==> flow/design.v <==
module u_shifter_v2 #(
  parameter int NBITS = 24,
  parameter int SEL_W = $clog2(NBITS)
) (
  input  logic clk,
  input  logic [NBITS-1:0] din_i,
  input  logic [SEL_W-1:0] by_i,
  output logic [NBITS-1:0] o_o
);
  logic [NBITS-1:0] r_din;
  logic [SEL_W-1:0] r_by;
  always_ff @(posedge clk) begin
    r_din <= din_i;
    r_by <= by_i;
  end
  wire [NBITS-1:0] lvl [0:SEL_W];
  assign lvl[0] = r_din;
  generate
    for (genvar i = 0; i < SEL_W; i++) begin : gen
      assign lvl[i+1] = r_by[i] ? (lvl[i] << (1 << i)) | (lvl[i] >> (NBITS - (1 << i))) : lvl[i];
    end
  endgenerate
  assign o_o = lvl[SEL_W];
endmodule
* Reports on u_shifter_v2
The steps from the RTL of u_shifter_v2 to its reports follow in flow order.
Lines are those of the file above, counted from 1.
Operators: Yosys type, input widths -> output width; for muxes data width and select width s.
Library cell names are shortened.
Not given: --
- Design top :: u_shifter_v2
- Clock port :: clk
- Standard-cell library :: sky130hd
- Timing corner :: tt_025C_1v80

* After elaboration
Source: Yosys, flattened and elaborated. Widths are those after wreduce; folded enables and synchronous resets count as part of the registers. Registers that Yosys merges into a memory's read port (data or address) are not register bits. Print and check cells do not count. Equal cells are merged and count once.
- Output and inout port bits :: 24
- Cells after elaboration :: 12
- Bits in registers :: 29
- Bits of input ports :: 30
- Muxes and demuxes :: 5
- Bitwise logic cells :: 5
** Operators with widths (number)
- $mux 24 :: 5
- $or 24x1->24 :: 1
- $or 24x16->24 :: 1
- $or 24x2->24 :: 1
- $or 24x4->24 :: 1
- $or 24x8->24 :: 1

* Logic depth
Depth = most cells in a row (Yosys ltp): at word level without a register or memory, in the mapped netlist without a sequential cell, where the memories' decode and read muxes count.
- Depth in word-level cells :: 10
- ABC_AREA :: 1
- Mapped depth :: 9
- Gate-level depth less buffers :: 7

* After synthesis
The flow's flattened synthesis, as Yosys stat reports it; memories are mapped. The netlist is that of the ABC_AREA named above (0 if unset); the other value can give another one.
Totals and module areas in this step are rounded.
- Flip-flop cells :: 29
- Buffer cells :: 25
- Sequential area :: 581 µm²
- Cell count :: 323
- Mapped area :: 2690 µm²
** Cells by type
- nand3_2 :: number 101, area in all 1010.97 µm²
- dfxtp_1 :: number 29, area in all 580.557 µm²
- nand3_1 :: number 91, area in all 455.437 µm²
- nand2_4 :: number 20, area in all 225.216 µm²
- nand2_1 :: number 52, area in all 195.187 µm²
- buf_2 :: number 12, area in all 60.058 µm²
- buf_6 :: number 5, area in all 56.304 µm²
- buf_12 :: number 2, area in all 40.038 µm²
- buf_4 :: number 5, area in all 37.536 µm²
- inv_8 :: number 1, area in all 11.261 µm²
- inv_1 :: number 2, area in all 7.507 µm²
- inv_4 :: number 1, area in all 6.256 µm²
- clkbuf_1 :: number 1, area in all 3.754 µm²
- inv_2 :: number 1, area in all 3.754 µm²

* Timing after synthesis
Source: OpenSTA report_checks on the synthesized netlist (no wires, ideal clock, input and output delay 20% of the period each), path of least setup slack; recovery checks are left aside. Register names are those of the netlist, which keeps one name where synthesis merged equal registers.
- Path kind :: register -> output
- Start point :: register r_by[0]
- End point :: output port o_o[0]
- Data required time :: 2.472 ns
- Stages :: 10
- Arrival time :: 1.121 ns
- Clock period :: 3.09 ns
- Slack :: 1.351 ns
- Path delay :: 1.121 ns
- Synthesis period reached :: 1.739 ns
"path delay" is the arrival time less input delay plus setup time.
At an output port there is no setup time.
"stages" counts driving pins, that of a launching flip-flop among them; a cell with two outputs on the path counts twice.
"synthesis period reached" is the clock period less the worst setup slack; recovery checks do not enter. This is arithmetic on one report: input and output delays are still those of the set period (20% each).
Between the ends stands the longest chain of elaborated cells between them, by number of cells; it is not shown to be the way that was timed. Of several equally long chains one is given.
A line is the first line of the expression or statement that the cell stems from. Yosys adds cells for indexed reads and writes and turns some case tables into memories.
- Path through :: dfxtp_1 -> buf_6 -> inv_8 -> buf_12 -> nand2_4 -> nand3_2 -> nand3_2 -> nand3_1 -> nand3_1 -> nand2_1
- Length of the longest elaborated chain :: 9
- Elaborated cells between the ends (all ways) :: 9
- Source lines of those cells :: 1
** RTL lines, path post-synthesis
- start, declared :: RTL line 11 : logic [SEL_W-1:0] r_by;
- start, assigned :: RTL line 14 : r_by <= by_i;
- $mux 24 :: RTL line 20 : assign lvl[i+1] = r_by[i] ? (lvl[i] << (1 << i)) | (lvl[i] >> (NBITS - (1 << i))) : lvl[i];
- $or 24x2->24 :: RTL line 20
- $mux 24 :: RTL line 20
- $or 24x4->24 :: RTL line 20
- $mux 24 :: RTL line 20
- $or 24x8->24 :: RTL line 20
- $mux 24 :: RTL line 20
- $or 24x16->24 :: RTL line 20
- $mux 24 :: RTL line 20
- end, declared :: RTL line 8 : output logic [NBITS-1:0] o_o

* Timing after layout
Path of least setup slack in the final report of flow run A (OpenROAD, finished layout, wires in). Where an end is a register, its clock arrival counts in the times.
- Path kind :: register -> output
- Start point :: register r_by[0]
- End point :: output port o_o[15]
- Data required time :: 1.54 ns
- Slack :: -0.17 ns
- Arrival time :: 1.72 ns
- Stages :: 11
- Clock period :: 1.93 ns
Between the ends stands the longest chain of elaborated cells between them, by number of cells; it is not shown to be the way that was timed. Of several equally long chains one is given.
- Path through :: dfxtp_4 -> buf_12 -> inv_12 -> buf_12 -> nand2_4 -> nand3_4 -> nand3_2 -> nand3_2 -> nand3_2 -> nand2_1 -> buf_2
- Length of the longest elaborated chain :: 9
- Elaborated cells between the ends (all ways) :: 9
- Source lines of those cells :: 1
** RTL lines, path after layout
- start, declared :: RTL line 11 : logic [SEL_W-1:0] r_by;
- start, assigned :: RTL line 14 : r_by <= by_i;
- $mux 24 :: RTL line 20 : assign lvl[i+1] = r_by[i] ? (lvl[i] << (1 << i)) | (lvl[i] >> (NBITS - (1 << i))) : lvl[i];
- $or 24x2->24 :: RTL line 20
- $mux 24 :: RTL line 20
- $or 24x4->24 :: RTL line 20
- $mux 24 :: RTL line 20
- $or 24x8->24 :: RTL line 20
- $mux 24 :: RTL line 20
- $or 24x16->24 :: RTL line 20
- $mux 24 :: RTL line 20
- end, declared :: RTL line 8 : output logic [NBITS-1:0] o_o

==> results <==
Measured results for u_shifter_v2: 3 stored runs of the Yosys and OpenROAD flow on sky130hd. The settings differ; the order carries no meaning. The constraints put input and output delay at 20% of the set period each and load the outputs with 0.01 pF.
"clock period reached" is the run's clock period less its worst setup slack. It is reckoned from that one timing run; input and output delays stay at 20% of the period that was set.
"time used up by the worst setup path": the worst setup path's part of the clock period (all of it between registers, 20% less for each end at a port) less its slack. A launch clock that arrives late makes it longer, a capture clock that arrives late makes it shorter.
"total power after layout" is the tool's figure for a default switching activity; nothing was simulated.
Results are given in rounded form.

** Flow run A
- Settings :: period_ns=1.93; CORE_UTILIZATION=42; PLACE_DENSITY_LB_ADDON=0.02; CORE_ASPECT_RATIO=1.54; TNS_END_PERCENT=70; ABC_AREA=1; GPL_TIMING_DRIVEN=1; GPL_ROUTABILITY_DRIVEN=1; CTS_CLUSTER_SIZE=89; CTS_CLUSTER_DIAMETER=375; SLEW_MARGIN=30; MIN_ROUTING_LAYER=met2; MAX_ROUTING_LAYER=met5; CAP_MARGIN=20; CORE_MARGIN=2
- Smallest hold slack :: 0.545 ns
- Post-synthesis cell area :: 2690 µm²
- Time used up by the worst setup path :: 1.72 ns
- Worst path kind :: register -> output
- Clock period reached :: 2.103 ns
- Post-route setup TNS :: -3.09 ns
- Standard-cell area after routing :: 4350 µm²
- Lowest setup slack :: -0.173 ns
- Total die area :: 7090 µm²
- Total power after layout :: 2.16 mW

** Flow run B
- Settings :: period_ns=2.16; CORE_UTILIZATION=59; PLACE_DENSITY_LB_ADDON=0.11; CORE_ASPECT_RATIO=0.86; CORE_MARGIN=6; CELL_PAD_IN_SITES_GLOBAL_PLACEMENT=2; TNS_END_PERCENT=85; GPL_TIMING_DRIVEN=1; CAP_MARGIN=5; SLEW_MARGIN=40; MAX_ROUTING_LAYER=met4
- Outcome :: incomplete, placement halted on FLW-0024

** Flow run C
- Settings :: period_ns=3.09; CAP_MARGIN=20; CORE_MARGIN=2; CORE_UTILIZATION=40; SLEW_MARGIN=20
- Smallest hold slack :: 0.781 ns
- Post-synthesis cell area :: 2180 µm²
- Time used up by the worst setup path :: 2.42 ns
- Worst path kind :: register -> output
- Clock period reached :: 3.041 ns
- Post-route setup TNS :: 0.000 ns
- Standard-cell area after routing :: 2750 µm²
- Lowest setup slack :: 0.049 ns
- Total die area :: 6050 µm²
- Total power after layout :: 1.24 mW
